==> flow/design.v <==
module rf_n #(
    parameter NREGS = 96,
    parameter DATA_WIDTH = 4,
    parameter ABITS = $clog2(NREGS)
) (
    input wire clk,
    input wire clr,
    input wire valid,
    input wire wr,
    input wire [ABITS-1:0] wr_idx,
    input wire [DATA_WIDTH-1:0] write_data,
    input wire [ABITS-1:0] rsel1,
    input wire [ABITS-1:0] rsel2,
    output wire [DATA_WIDTH-1:0] read_data1,
    output wire [DATA_WIDTH-1:0] read_data2
);
    reg wr_d1;
    always @(posedge clk) begin
        if (clr) begin
            wr_d1 <= 1'b0;
        end else if (valid) begin
            wr_d1 <= wr;
        end
    end
    reg [ABITS-1:0] wr_idx_d1;
    always @(posedge clk) begin
        if (clr) begin
            wr_idx_d1 <= 0;
        end else if (valid) begin
            wr_idx_d1 <= wr_idx;
        end
    end
    reg [DATA_WIDTH-1:0] write_data_d1;
    always @(posedge clk) begin
        if (clr) begin
            write_data_d1 <= 0;
        end else if (valid) begin
            write_data_d1 <= write_data;
        end
    end
    reg [DATA_WIDTH-1:0] regs [NREGS-1:0];
    always @(posedge clk) begin
        if (valid && wr_d1 && wr_idx_d1 != 0)
            regs[wr_idx_d1] <= write_data_d1;
    end
    reg [ABITS-1:0] rsel1_d1;
    always @(posedge clk) begin
        if (clr) begin
            rsel1_d1 <= 0;
        end else if (valid) begin
            rsel1_d1 <= rsel1;
        end
    end
    reg [ABITS-1:0] rsel2_d1;
    always @(posedge clk) begin
        if (clr) begin
            rsel2_d1 <= 0;
        end else if (valid) begin
            rsel2_d1 <= rsel2;
        end
    end
    assign read_data1 = (rsel1_d1 == 0) ? {DATA_WIDTH{1'b0}} : regs[rsel1_d1];
    assign read_data2 = (rsel2_d1 == 0) ? {DATA_WIDTH{1'b0}} : regs[rsel2_d1];
endmodule
== Tool chain data of rf_n ==
Tool output for the design above, in the order of the flow.
Line numbers count from 1 in the design file above.
Cell names lack the library's common part.
Not given: -

* Top module: rf_n
* Clock port: clk
* Standard-cell library: sky130hd
* Timing corner: tt_025C_1v80

== After elaboration ==
Yosys after proc, flatten, opt, wreduce and memory -nomap, before mapping. Print and check cells are not counted. Equal cells are merged and count once.
Memory sizes are those after Yosys's memory passes, which may raise the word count (mostly to a power of two), join words into wider ones and drop unused or constant bits.

* Muxes and demuxes: 9
* Reductions and logical operators: 5

{| class="wikitable"
|+ Operators by type and width
! kind !! number
|-
| 7-bit two-way mux || 5
|-
| 7-bit logical NOT || 2
|-
| 4-bit two-way mux || 3
|-
| 7-bit nonzero test || 1
|-
| 1-bit logical AND || 2
|-
| 1-bit two-way mux || 1
|}

* Flip-flop bits (word level): 26
* Bits in writable memories: 384
* Word width x clocked read ports: 8
* Memory cells: 1
* Input port bits: 29
* Output and inout port bits: 8
* Word-level cells: 20

{| class="wikitable"
|+ Memory list
! memory !! depth !! width !! rd ports !! write ports !! line !! source
|-
| regs || 96 || 4 || 2 || 1 || 41 || <nowiki>reg [DATA_WIDTH-1:0] regs [NREGS-1:0];</nowiki>
|}

== Longest topological paths ==
Yosys ltp: most cells in a row. Word level: on the elaborated netlist, between registers, memories and ports. Mapped: between sequential cells and ports; inverters and the memories' decode and read muxes count.

* Word-level depth: 3
* ABC_AREA: 0
* Depth in mapped cells: 9
* Depth with buffers taken out: 5

== Synthesis result ==
Source: synth_stat.txt of the flow (Yosys; design flattened, memories mapped). It holds for the ABC_AREA given above (unset counts as 0); a run with the other value may have another netlist.
Totals and module areas in this step are rounded.

* Standard cells after synthesis: 1147
* Cell area after synthesis: 20000 sq um
* Sequential part of the area: 12000 sq um
* Mapped flip-flops: 424
* Buffer cells: 80

{| class="wikitable"
|+ Cell types
! type !! number !! area in all (sq um)
|-
| edfxtp_1 || 384 || 1.15E+04
|-
| mux4_2 || 180 || 4.05E+03
|-
| mux2i_1 || 99 || 990.95
|-
| dfxtp_1 || 40 || 800.768
|-
| nor2_1 || 142 || 533.011
|-
| nand2_1 || 62 || 232.723
|-
| buf_2 || 28 || 140.134
|-
| buf_4 || 16 || 120.115
|-
| mux2_2 || 10 || 112.608
|-
| mux4_1 || 4 || 105.101
|-
| nand3_1 || 20 || 100.096
|-
| o211ai_1 || 13 || 97.594
|-
| clkbuf_1 || 24 || 90.086
|-
| a32oi_1 || 10 || 87.584
|-
| a22oi_1 || 11 || 82.579
|-
| nor2b_1 || 12 || 75.072
|-
| a221oi_1 || 5 || 43.792
|-
| a31oi_1 || 6 || 37.536
|}

Not listed: further types 30, cells in them 81.

== Timing after synthesis ==
Path of least setup slack by OpenSTA after synthesis, without wires, with an ideal clock, recovery checks aside; 20% of the period is set as input and as output delay. Where synthesis merged equal registers, the netlist keeps one of their names.

* Path type: register to output
* Start point: reg (name not given)
* End point: out read_data1[1]
* Clock period: 3.0 ns
* Output delay: 0.600 ns
* Time at the first pin: 0.000 ns
* Arrival: 1.920 ns
* Data required time: 2.400 ns
* Path slack: 0.480 ns
* Delay of the path: 1.920 ns
* Stages on the path: 7
* Buffers on the path: 1
* Synthesis period reached: 2.52 ns

"delay of the path" = arrival - input delay + setup time.
A path that ends at an output port has no setup time.
"stages on the path" counts driving pins, that of a launching flip-flop among them; a cell with two outputs on the path counts twice.
"synthesis period reached" is the clock period less the worst setup slack; recovery checks do not enter. This is arithmetic on one report: input and output delays are still those of the set period (20% each).

* Path through: dfxtp_1 -> buf_6 -> mux4_1 -> mux4_2 -> and3_1 -> a31oi_1 -> o211ai_1

{| class="wikitable"
|+ Ends and longest elaborated chain, post-synthesis
! element !! line !! source
|-
| end: declaration || 14 || <nowiki>output wire [DATA_WIDTH-1:0] read_data1,</nowiki>
|}

Chain of elaborated cells between the ends: none given.

== Path in the finished layout ==
Path of least setup slack in the final report of entry A (OpenROAD, finished layout, wires in). Where an end is a register, its clock arrival counts in the times.

* Path type: register to output
* Start point: reg (name not given)
* End point: out read_data1[3]
* Clock period: 2.88 ns
* Output delay: 0.58 ns
* Time at the first pin: 0.57 ns
* Arrival: 3.11 ns
* Data required time: 2.30 ns
* Path slack: -0.81 ns
* Stages on the path: 13
* Buffers on the path: 7

* Path through: dfxtp_4 -> buf_6 -> buf_12 -> buf_16 -> buf_4 -> buf_12 -> mux4_2 -> nand2_1 -> a32oi_1 -> o211ai_1 -> nand3_1 -> buf_6 -> buf_6

{| class="wikitable"
|+ Ends and longest elaborated chain, after layout
! element !! line !! source
|-
| end: declaration || 14 || <nowiki>output wire [DATA_WIDTH-1:0] read_data1,</nowiki>
|}

Chain of elaborated cells between the ends: none given.

Subject: rf_n on sky130hd, stored results

Hello all,

Top module rf_n; platform sky130hd; tools Yosys and OpenROAD; 3 stored runs in no particular order. Input and output delays are each 20% of the period that was set; the output load is 0.01 pF.
"clock period achieved": clock period set for the run, less the worst setup slack. It is reckoned from that one timing run; input and output delays stay at 20% of the period that was set.
"allowed time less slack (worst setup path)" means the part of the period allowed to the worst setup path (the constraints hold back 20% at inputs and 20% at outputs) less its slack; where the path has registers, the arrival times of their clocks count too.
By "overall power" is meant OpenSTA's value without simulated activity: inputs other than the clock are taken to toggle once in ten clock periods, and the tool carries that through the logic.
The measured numbers are rounded.

=== Entry A ===
{| class="wikitable"
! Setting !! Value
|-
| period_ns || 2.88
|-
| CORE_UTILIZATION || 26
|-
| SETUP_SLACK_MARGIN || 0.49
|-
| PLACE_DENSITY_LB_ADDON || 0.03
|-
| GPL_ROUTABILITY_DRIVEN || 0
|-
| CTS_CLUSTER_SIZE || 31
|-
| CTS_CLUSTER_DIAMETER || 340
|-
| CAP_MARGIN || 20
|-
| MAX_ROUTING_LAYER || met5
|-
| CORE_MARGIN || 2
|-
| SLEW_MARGIN || 20
|-
! Result !! Value
|-
| Final utilization || 32%
|-
| Overall power || 0.012 W
|-
| Setup slack of the worst path || -0.81 ns
|-
| Full die area || 78000 sq um
|-
| Allowed time less slack (worst setup path) || 3.11 ns
|-
| Type of the worst setup path || register to output
|-
| Standard-cell area after routing || 24000 sq um
|-
| Lowest hold slack || 0.54 ns
|-
| Clock period achieved || 3.690 ns
|-
| Sum of negative setup slack || -5.4 ns
|-
| Mapped cell area after synthesis || 20000 sq um
|}

=== Entry B ===
{| class="wikitable"
! Setting !! Value
|-
| period_ns || 3.0
|-
| CAP_MARGIN || 20
|-
| CORE_MARGIN || 2
|-
| CORE_UTILIZATION || 40
|-
| SLEW_MARGIN || 20
|-
! Result !! Value
|-
| Sum of negative setup slack || -2.9 ns
|-
| Standard-cell area after routing || 24000 sq um
|-
| Full die area || 51000 sq um
|-
| Final utilization || 50%
|-
| Overall power || 0.014 W
|-
| Mapped cell area after synthesis || 20000 sq um
|-
| Lowest hold slack || 0.53 ns
|-
| Setup slack of the worst path || -0.43 ns
|-
| Allowed time less slack (worst setup path) || 2.83 ns
|-
| Type of the worst setup path || register to output
|-
| Clock period achieved || 3.431 ns
|}

=== Entry C ===
{| class="wikitable"
! Setting !! Value
|-
| period_ns || 1.83
|-
| CORE_UTILIZATION || 49
|-
| PLACE_DENSITY_LB_ADDON || 0.15
|-
| CELL_PAD_IN_SITES_GLOBAL_PLACEMENT || 1
|-
| TNS_END_PERCENT || 90
|-
| CTS_CLUSTER_DIAMETER || 93
|-
| CAP_MARGIN || 40
|-
| MIN_ROUTING_LAYER || met1
|-
| CORE_MARGIN || 2
|-
| SLEW_MARGIN || 20
|-
! Result !! Value
|-
| Full die area || 42000 sq um
|-
| Clock period achieved || 3.244 ns
|-
| Allowed time less slack (worst setup path) || 2.88 ns
|-
| Type of the worst setup path || register to output
|-
| Overall power || 0.023 W
|-
| Mapped cell area after synthesis || 20000 sq um
|-
| Standard-cell area after routing || 25000 sq um
|-
| Final utilization || 63%
|-
| Sum of negative setup slack || -11 ns
|-
| Setup slack of the worst path || -1.4 ns
|-
| Lowest hold slack || 0.40 ns
|}

Thanks
